==> flow/design.v <==
module alu_comparator_mod #(
  parameter DW = 14
) (
  input  logic clock,
  input  logic RSTN,
  input  logic [DW-1:0] u,
  input  logic [DW-1:0] v,
  input  logic [DW-1:0] w,
  output logic [DW-1:0] o
);
  logic [DW-1:0] u_s;
  always_ff @(posedge clock or negedge RSTN) begin
    if (!RSTN) begin
      u_s <= '0;
    end else begin
      u_s <= u;
    end
  end
  logic [DW-1:0] v_s;
  always_ff @(posedge clock or negedge RSTN) begin
    if (!RSTN) begin
      v_s <= '0;
    end else begin
      v_s <= v;
    end
  end
  logic [DW-1:0] w_s;
  always_ff @(posedge clock or negedge RSTN) begin
    if (!RSTN) begin
      w_s <= '0;
    end else begin
      w_s <= w;
    end
  end
  assign o = (u_s < v_s) ? v_s : (u_s > w_s) ? w_s : u_s;
endmodule
# From RTL to reports: alu_comparator_mod
# What the tools print for alu_comparator_mod, step after step.
# Line numbers count from 1 in the design file above.
# Operators: Yosys type, input widths -> output width; for muxes data width and select width s.
# Cell names lack the library's common part.
# Not given: --
[inputs]
design = "alu_comparator_mod"
clock = "clock"
library = "sky130hd"
pvt_corner = "tt_025C_1v80"

# Elaborated design
# Source: Yosys, flattened and elaborated, memories not mapped. Widths are those after wreduce; folded enables and synchronous resets count as part of the registers. Registers that Yosys merges into a memory's read port (data or address) are not register bits. Print and check cells do not count. Equal cells are merged and count once.
[bits]
regBits = 42
latch_bits = 0
mem_bits_rw = 0
mem_bits_ro = 0
clocked_rd_ports_x_width = 0
memories = 0
in_bits = 44
elab_cells = 7
[classes]
n_addsub = 0
n_mul = 0
div = 0
cmp = 2
equal = 0
shifts = 0
n_mux = 2
logic = 0
reduce_logical = 0
[ops]
columns = ["op", "n"]
rows = [
  ["$mux 14", 2],
  ["$gt 14x14->1", 1],
  ["$lt 14x14->1", 1],
]

# Logic depth
# Longest topological path by Yosys (ltp), each cell counted once; first at word level (registers and memories cut), then after technology mapping (sequential cells cut; the memories' decode and read muxes count).
[depth]
ltp_word = 3
ABC_AREA = 0
mapped_depth = 10
depth_no_buf = 8

# After synthesis
# Yosys stat after the flow's synthesis: flattened, memories mapped to cells. It holds for the ABC_AREA given above (unset counts as 0); a run with the other value may have another netlist.
# Totals and module areas in this step are rounded.
[synth_totals]
cells = 168
synth_area_um2 = 2000
ffs = 42
buffers = 3
[types]
columns = ["cell_type", "n"]
rows = [
  ["dfrtp_1", 42],
  ["ha_1", 27],
  ["mux2i_1", 26],
  ["inv_1", 28],
  ["a21oi_1", 10],
  ["nand4_1", 5],
  ["mux2_4", 2],
  ["a21o_1", 3],
  ["nand2_1", 5],
  ["o31a_1", 2],
  ["nand3_1", 3],
  ["nand2b_1", 2],
  ["o31ai_2", 1],
  ["buf_6", 1],
  ["nor2_1", 3],
  ["o21ai_0", 2],
  ["a2111oi_0", 1],
  ["a21oi_2", 1],
]
# Other cell types: 4; their cells: 4.

# Timing after synthesis
# Source: OpenSTA report_checks on the synthesized netlist (no wires, ideal clock, input and output delay 20% of the period each), path of least setup slack; recovery checks are left aside. Register names are those of the netlist, which keeps one name where synthesis merged equal registers.
[synth_path]
path_kind = "register to output"
from = "reg u_s[4]"
to = "out o[10]"
period_ns = 3.34
output_delay_ns = 0.668
t_arrival_ns = 2.136
required_time_ns = 2.672
path_slack_ns = 0.536
path_delay_ns = 2.136
path_stages = 10
path_buffers = 2
synth_period_reached_ns = 2.804
# "path_delay_ns" = arrival - input delay + setup time.
# At an output port there is no setup time.
# "path_stages" counts driving pins, that of a launching flip-flop among them; a cell with two outputs on the path counts twice.
# "synth_period_reached_ns" = period - worst setup slack (recovery checks aside). The figure is calculated, with input and output delays left at 20% of the set period.
# The rows between start and end are the longest chain of elaborated cells between them; the timing report does not say that the signal goes this way. Where chains are equally long, one stands for them.
# A line is the first line of the expression or statement that the cell stems from. Yosys adds cells for indexed reads and writes and turns some case tables into memories.
[synth_between]
cell_sequence = "dfrtp_1 -> ha_1 -> a21oi_2 -> a21boi_1 -> o31a_1 -> o31a_1 -> buf_6 -> buf_2 -> mux2i_1 -> mux2i_1"
elab_chain_cells = 3
[synth_rtl]
columns = ["item", "line_no", "rtl"]
rows = [
  ["start: declaration", 11, "logic [DW-1:0] u_s;"],
  ["start: assignment", 14, "u_s <= '0;"],
  ["start: assignment", 16, "u_s <= u;"],
  ["$gt 14x14->1", 35, "assign o = (u_s < v_s) ? v_s : (u_s > w_s) ? w_s : u_s;"],
  ["$mux 14 x2", 35, ""],
  ["end: declaration", 9, "output logic [DW-1:0] o"],
]

# Path in the finished layout
# From the final timing report of flow run 1: the path of least setup slack in the routed layout; clock arrival at registers is part of the times.
[layout_path]
path_kind = "register to output"
from = "reg u_s[4]"
to = "out o[3]"
period_ns = 3.34
output_delay_ns = 0.67
t_arrival_ns = 2.59
required_time_ns = 2.67
path_slack_ns = 0.08
path_stages = 11
path_buffers = 3
# The rows between start and end are the longest chain of elaborated cells between them; the timing report does not say that the signal goes this way. Where chains are equally long, one stands for them.
[layout_between]
cell_sequence = "dfrtp_1 -> buf_4 -> ha_4 -> a21oi_2 -> a21boi_1 -> o31a_1 -> o31a_1 -> buf_6 -> mux2i_1 -> mux2i_1 -> dlygate4sd2_1"
elab_chain_cells = 3
[layout_rtl]
columns = ["item", "line_no", "rtl"]
rows = [
  ["start: declaration", 11, "logic [DW-1:0] u_s;"],
  ["start: assignment", 14, "u_s <= '0;"],
  ["start: assignment", 16, "u_s <= u;"],
  ["$gt 14x14->1", 35, "assign o = (u_s < v_s) ? v_s : (u_s > w_s) ? w_s : u_s;"],
  ["$mux 14 x2", 35, ""],
  ["end: declaration", 9, "output logic [DW-1:0] o"],
]

# 3 stored runs of alu_comparator_mod in the flow (synthesis by Yosys, layout by OpenROAD, sky130hd cells), in arbitrary order. Constraints: input delay and output delay 20% of the set period each, output load 0.01 pF.
# "achieved_clock_period_ns" means the clock period less the worst setup slack. The figure is calculated, with input and output delays left at 20% of the set period.
# "worstPathTime_ns" means the part of the period allowed to the worst setup path (the constraints hold back 20% at inputs and 20% at outputs) less its slack; where the path has registers, the arrival times of their clocks count too.
# "power.total_mw" rests on the timing tool's default activity at the inputs, not on a simulated workload.
# The measured numbers are rounded.

[[run]]
name = "flow run 1"
[run.settings]
period_ns = 3.34
CAP_MARGIN = 20
CORE_MARGIN = 2
CORE_UTILIZATION = 40
SLEW_MARGIN = 20
[run.results]
total_die_area_um2 = 5700
worstPathTime_ns = 2.59
worstPathKind = "register to output"
final_util_pct = 59
yosys.chip_area_um2 = 2000
final_stdcell_area_um2 = 2800
fin_ws_ns = 0.080
achieved_clock_period_ns = 3.260
tns_setup_ns = 0.000
power.total_mw = 1.1

[[run]]
name = "flow run 2"
[run.settings]
period_ns = 4.21
CORE_UTILIZATION = 35
SETUP_SLACK_MARGIN = 0.41
PLACE_DENSITY_LB_ADDON = 0.11
CORE_ASPECT_RATIO = 0.69
CORE_MARGIN = 3
CELL_PAD_IN_SITES_GLOBAL_PLACEMENT = 3
CELL_PAD_IN_SITES_DETAIL_PLACEMENT = 1
ABC_AREA = 0
GPL_TIMING_DRIVEN = 1
CTS_CLUSTER_SIZE = 92
CTS_CLUSTER_DIAMETER = 246
MIN_ROUTING_LAYER = "met2"
CAP_MARGIN = 20
SLEW_MARGIN = 20
[run.results]
total_die_area_um2 = 6800
worstPathTime_ns = 2.81
worstPathKind = "register to output"
final_util_pct = 53
yosys.chip_area_um2 = 2000
final_stdcell_area_um2 = 2900
fin_ws_ns = 0.56
achieved_clock_period_ns = 3.651
tns_setup_ns = 0.000
power.total_mw = 1.00

[[run]]
name = "flow run 3"
[run.settings]
period_ns = 2.09
CORE_UTILIZATION = 38
SETUP_SLACK_MARGIN = -0.02
CORE_MARGIN = 8
CELL_PAD_IN_SITES_DETAIL_PLACEMENT = 1
ABC_AREA = 1
GPL_TIMING_DRIVEN = 0
GPL_ROUTABILITY_DRIVEN = 1
MIN_ROUTING_LAYER = "met1"
MAX_ROUTING_LAYER = "met4"
CAP_MARGIN = 20
SLEW_MARGIN = 20
[run.results]
total_die_area_um2 = 8800
worstPathTime_ns = 2.22
worstPathKind = "register to output"
final_util_pct = 64
yosys.chip_area_um2 = 2300
final_stdcell_area_um2 = 3700
fin_ws_ns = -0.55
achieved_clock_period_ns = 2.642
tns_setup_ns = -7.3
power.total_mw = 2.3
